==> flow/design.v <==
module storage_rtl #(
    parameter integer ENTRIES = 10,
    parameter integer DATA_WIDTH = 40,
    parameter integer AWIDTH = $clog2(ENTRIES)
) (
    input  sys_clk,
    input  clr,
    input  wr_en,
    input  [AWIDTH-1:0] waddr,
    input  [DATA_WIDTH-1:0] wd,
    input  [AWIDTH-1:0] raddr_a,
    input  [AWIDTH-1:0] raddr_b,
    output [DATA_WIDTH-1:0] dout_a,
    output [DATA_WIDTH-1:0] dout_b
);
    reg wr_en_r;
    always @(posedge sys_clk) begin
        if (clr) begin
            wr_en_r <= 1'b0;
        end else begin
            wr_en_r <= wr_en;
        end
    end
    reg [AWIDTH-1:0] waddr_r;
    always @(posedge sys_clk) begin
        if (clr) begin
            waddr_r <= 0;
        end else begin
            waddr_r <= waddr;
        end
    end
    reg [DATA_WIDTH-1:0] wd_r;
    always @(posedge sys_clk) begin
        if (clr) begin
            wd_r <= 0;
        end else begin
            wd_r <= wd;
        end
    end
    reg [DATA_WIDTH-1:0] bank [0:ENTRIES-1];
    always @(posedge sys_clk) begin
        if (wr_en_r)
            bank[waddr_r] <= wd_r;
    end
    reg [AWIDTH-1:0] raddr_a_r;
    always @(posedge sys_clk) begin
        if (clr) begin
            raddr_a_r <= 0;
        end else begin
            raddr_a_r <= raddr_a;
        end
    end
    reg [AWIDTH-1:0] raddr_b_r;
    always @(posedge sys_clk) begin
        if (clr) begin
            raddr_b_r <= 0;
        end else begin
            raddr_b_r <= raddr_b;
        end
    end
    reg [DATA_WIDTH-1:0] dout_a_r;
    always @(posedge sys_clk) begin
        if (clr) begin
            dout_a_r <= 0;
        end else begin
            dout_a_r <= (wr_en_r && waddr_r == raddr_a_r) ? wd_r : bank[raddr_a_r];
        end
    end
    assign dout_a = dout_a_r;
    reg [DATA_WIDTH-1:0] dout_b_r;
    always @(posedge sys_clk) begin
        if (clr) begin
            dout_b_r <= 0;
        end else begin
            dout_b_r <= (wr_en_r && waddr_r == raddr_b_r) ? wd_r : bank[raddr_b_r];
        end
    end
    assign dout_b = dout_b_r;
endmodule
; ---- Tool chain data of storage_rtl
; Tool output for the design above, in the order of the flow.
; Lines are those of the file above, counted from 1.
; Cell names lack the library's common part.
; The mark n/a stands for no value.
[inputs]
top = storage_rtl
clock_port = sys_clk
library = sky130hd
corner = tt_025C_1v80

; ---- Word-level counts
; Counts by Yosys on the flattened word-level netlist (proc, flatten, opt, wreduce; memories kept). Register bits leave out memories and registers merged into their read ports (data or address); mux counts leave out enables and synchronous resets folded into registers. Print and check cells are left out. Cells with the same type and inputs are merged into one.
; Memory sizes are those after Yosys's memory passes, which may raise the word count (mostly to a power of two), join words into wider ones and drop unused or constant bits.
[word_totals]
ff_bits = 53
ramBits = 400
clocked_rd_ports_x_width = 80
n_memories = 1
out_inout_bits = 80
wordCells = 9
[classes]
n_mux = 3
[mem_list]
columns = memory, size, word_bits, read_ports, wr, line
row1 = bank, 10, 40, 2, 1, 40  ; reg [DATA_WIDTH-1:0] bank [0:ENTRIES-1];
[ops]
columns = cell, n
row1 = 40-bit two-way mux, 1
row2 = 4-bit two-way mux, 1
row3 = 1-bit two-way mux, 1

; ---- Depth
; Yosys ltp: most cells in a row. Word level: on the elaborated netlist, between registers, memories and ports. Mapped: between sequential cells and ports; inverters and the memories' decode and read muxes count.
[depth]
word_depth = 1
ABC_AREA = 1
depth_mapped = 9
depth_no_buf = 7

; ---- Netlist
; Source: synth_stat.txt of the flow (Yosys; design flattened, memories mapped). It holds for the ABC_AREA given above (unset counts as 0); a run with the other value may have another netlist.
; The area totals of this step are shown rounded.
[mapped]
mapped_cells = 3015
mapped_area_um2 = 25370
ff_cells = 533
[types]
columns = type, n
row1 = edfxtp_1, 400
row2 = nand3_1, 644
row3 = nand2_1, 737
row4 = dfxtp_1, 133
row5 = inv_1, 418
row6 = nor2_1, 223
row7 = a21oi_1, 160
row8 = o21ai_0, 80
row9 = buf_2, 71
row10 = clkbuf_1, 75
row11 = buf_6, 15
row12 = buf_1, 32
row13 = buf_4, 9
row14 = inv_2, 8
row15 = nor2_8, 1
row16 = nor2_2, 3
row17 = o21ai_1, 3
row18 = nand3_2, 1
; Other cell types: 2; their cells: 2.

; ---- Timing after synthesis
; Path of least setup slack by OpenSTA after synthesis, without wires, with an ideal clock, recovery checks aside; 20% of the period is set as input and as output delay. Where synthesis merged equal registers, the netlist keeps one of their names.
[synth_path]
path_kind = reg2reg
start = register waddr_r[3]
end = memory bank[0][0]
clock_period_ns = 5.21
setup_ns = 0.437
t_first_pin_ns = 0.000
t_arrival_ns = 2.257
setup_slack_ns = 2.516
path_delay_ns = 2.694
path_stages = 4
path_buffers = 0
synth_period_reached_ns = 2.694
; "path_delay_ns" is the arrival time less input delay plus setup time.
; "path_stages" counts driving pins, that of a launching flip-flop among them; a cell with two outputs on the path counts twice.
; "synth_period_reached_ns" = period - worst setup slack (recovery checks aside). The figure is calculated, with input and output delays left at 20% of the set period.
; Between the ends stands the longest chain of elaborated cells between them, by number of cells; it is not shown to be the way that was timed. Of several equally long chains one is given.
; Each line given opens the expression or statement behind the cell; cells for indexed reads and writes are added by Yosys, which also makes memories of some case tables.
[synth_between]
cell_sequence = dfxtp_1 inv_1 nand3_1 nor2_1
elab_chain_len = 1
[synth_rtl]
columns = element, line
row1 = "start, declared", 24  ; reg [AWIDTH-1:0] waddr_r;
row2 = "start, assigned", 27  ; waddr_r <= 0;
row3 = "start, assigned", 29  ; waddr_r <= waddr;
row4 = 4-bit two-way mux, 42  ; if (wr_en_r)
row5 = "end, declared", 40  ; reg [DATA_WIDTH-1:0] bank [0:ENTRIES-1];

; ---- Worst path after layout
; From the final timing report of run 1: the path of least setup slack in the routed layout; clock arrival at registers is part of the times.
[layout_path]
path_kind = reg2reg
start = register raddr_a_r[3]
end = register dout_a_r[32]
clock_period_ns = 3.28
setup_ns = 0.13
t_first_pin_ns = 0.64
t_arrival_ns = 3.42
setup_slack_ns = 0.37
path_stages = 9
path_buffers = 2
[layout_between]
cell_sequence = dfxtp_1 buf_4 inv_1 o21ai_2 nor2_8 buf_12 nand3_1 nand2_1 a21oi_1
[layout_rtl]
columns = element, line
row1 = "start, declared", 45  ; reg [AWIDTH-1:0] raddr_a_r;
row2 = "start, assigned", 48  ; raddr_a_r <= 0;
row3 = "start, assigned", 50  ; raddr_a_r <= raddr_a;
row4 = "end, declared", 61  ; reg [DATA_WIDTH-1:0] dout_a_r;
; No chain of elaborated cells between the ends is given.

; Module storage_rtl, platform sky130hd: 3 stored runs of the flow (Yosys, OpenROAD) with differing settings, in no particular order. Input and output delays are each 20% of the period that was set; the output load is 0.01 pF.
; "achieved_period_ns" means the clock period less the worst setup slack. The figure is calculated, with input and output delays left at 20% of the set period.
; "critical_path_time_ns" means the part of the period allowed to the worst setup path (the constraints hold back 20% at inputs and 20% at outputs) less its slack; where the path has registers, the arrival times of their clocks count too.
; "totalPower_uw" rests on the timing tool's default activity at the inputs, not on a simulated workload.
; Results are given in rounded form.

[run 1: settings]
period_ns = 3.28
CORE_UTILIZATION = 55
SETUP_SLACK_MARGIN = 0.44
PLACE_DENSITY = 0.8
CORE_ASPECT_RATIO = 1.55
CELL_PAD_IN_SITES_DETAIL_PLACEMENT = 1
ABC_AREA = 1
GPL_ROUTABILITY_DRIVEN = 0
CTS_CLUSTER_SIZE = 97
CTS_CLUSTER_DIAMETER = 71
MAX_ROUTING_LAYER = met5
CAP_MARGIN = 20
CORE_MARGIN = 2
SLEW_MARGIN = 20
[run 1: results]
ys_area_um2 = 25370
dieArea_um2 = 47910
finalUtil_frac = 0.615
fin_ws_ns = 0.367
setupTns_ns = 0.000
fin_hold_ws_ns = 0.514
totalPower_uw = 14200
achieved_period_ns = 2.913
critical_path_time_ns = 2.91
worst_setup_path_type = reg2reg

[run 2: settings]
period_ns = 5.21
CAP_MARGIN = 20
CORE_MARGIN = 2
CORE_UTILIZATION = 40
SLEW_MARGIN = 20
[run 2: results]
ys_area_um2 = 22100
dieArea_um2 = 57160
finalUtil_frac = 0.474
fin_ws_ns = 2.232
setupTns_ns = 0.000
fin_hold_ws_ns = 0.610
totalPower_uw = 9593
achieved_period_ns = 2.978
critical_path_time_ns = 2.98
worst_setup_path_type = reg2reg

[run 3: settings]
period_ns = 5.67
CORE_UTILIZATION = 39
SETUP_SLACK_MARGIN = 0.8
PLACE_DENSITY = 0.4
ABC_AREA = 0
MAX_ROUTING_LAYER = met4
CAP_MARGIN = 20
CORE_MARGIN = 2
SLEW_MARGIN = 20
[run 3: results]
ys_area_um2 = 22100
dieArea_um2 = 58600
finalUtil_frac = 0.469
fin_ws_ns = 2.617
setupTns_ns = 0.000
fin_hold_ws_ns = 0.615
totalPower_uw = 9215
achieved_period_ns = 3.053
critical_path_time_ns = 3.05
worst_setup_path_type = reg2reg
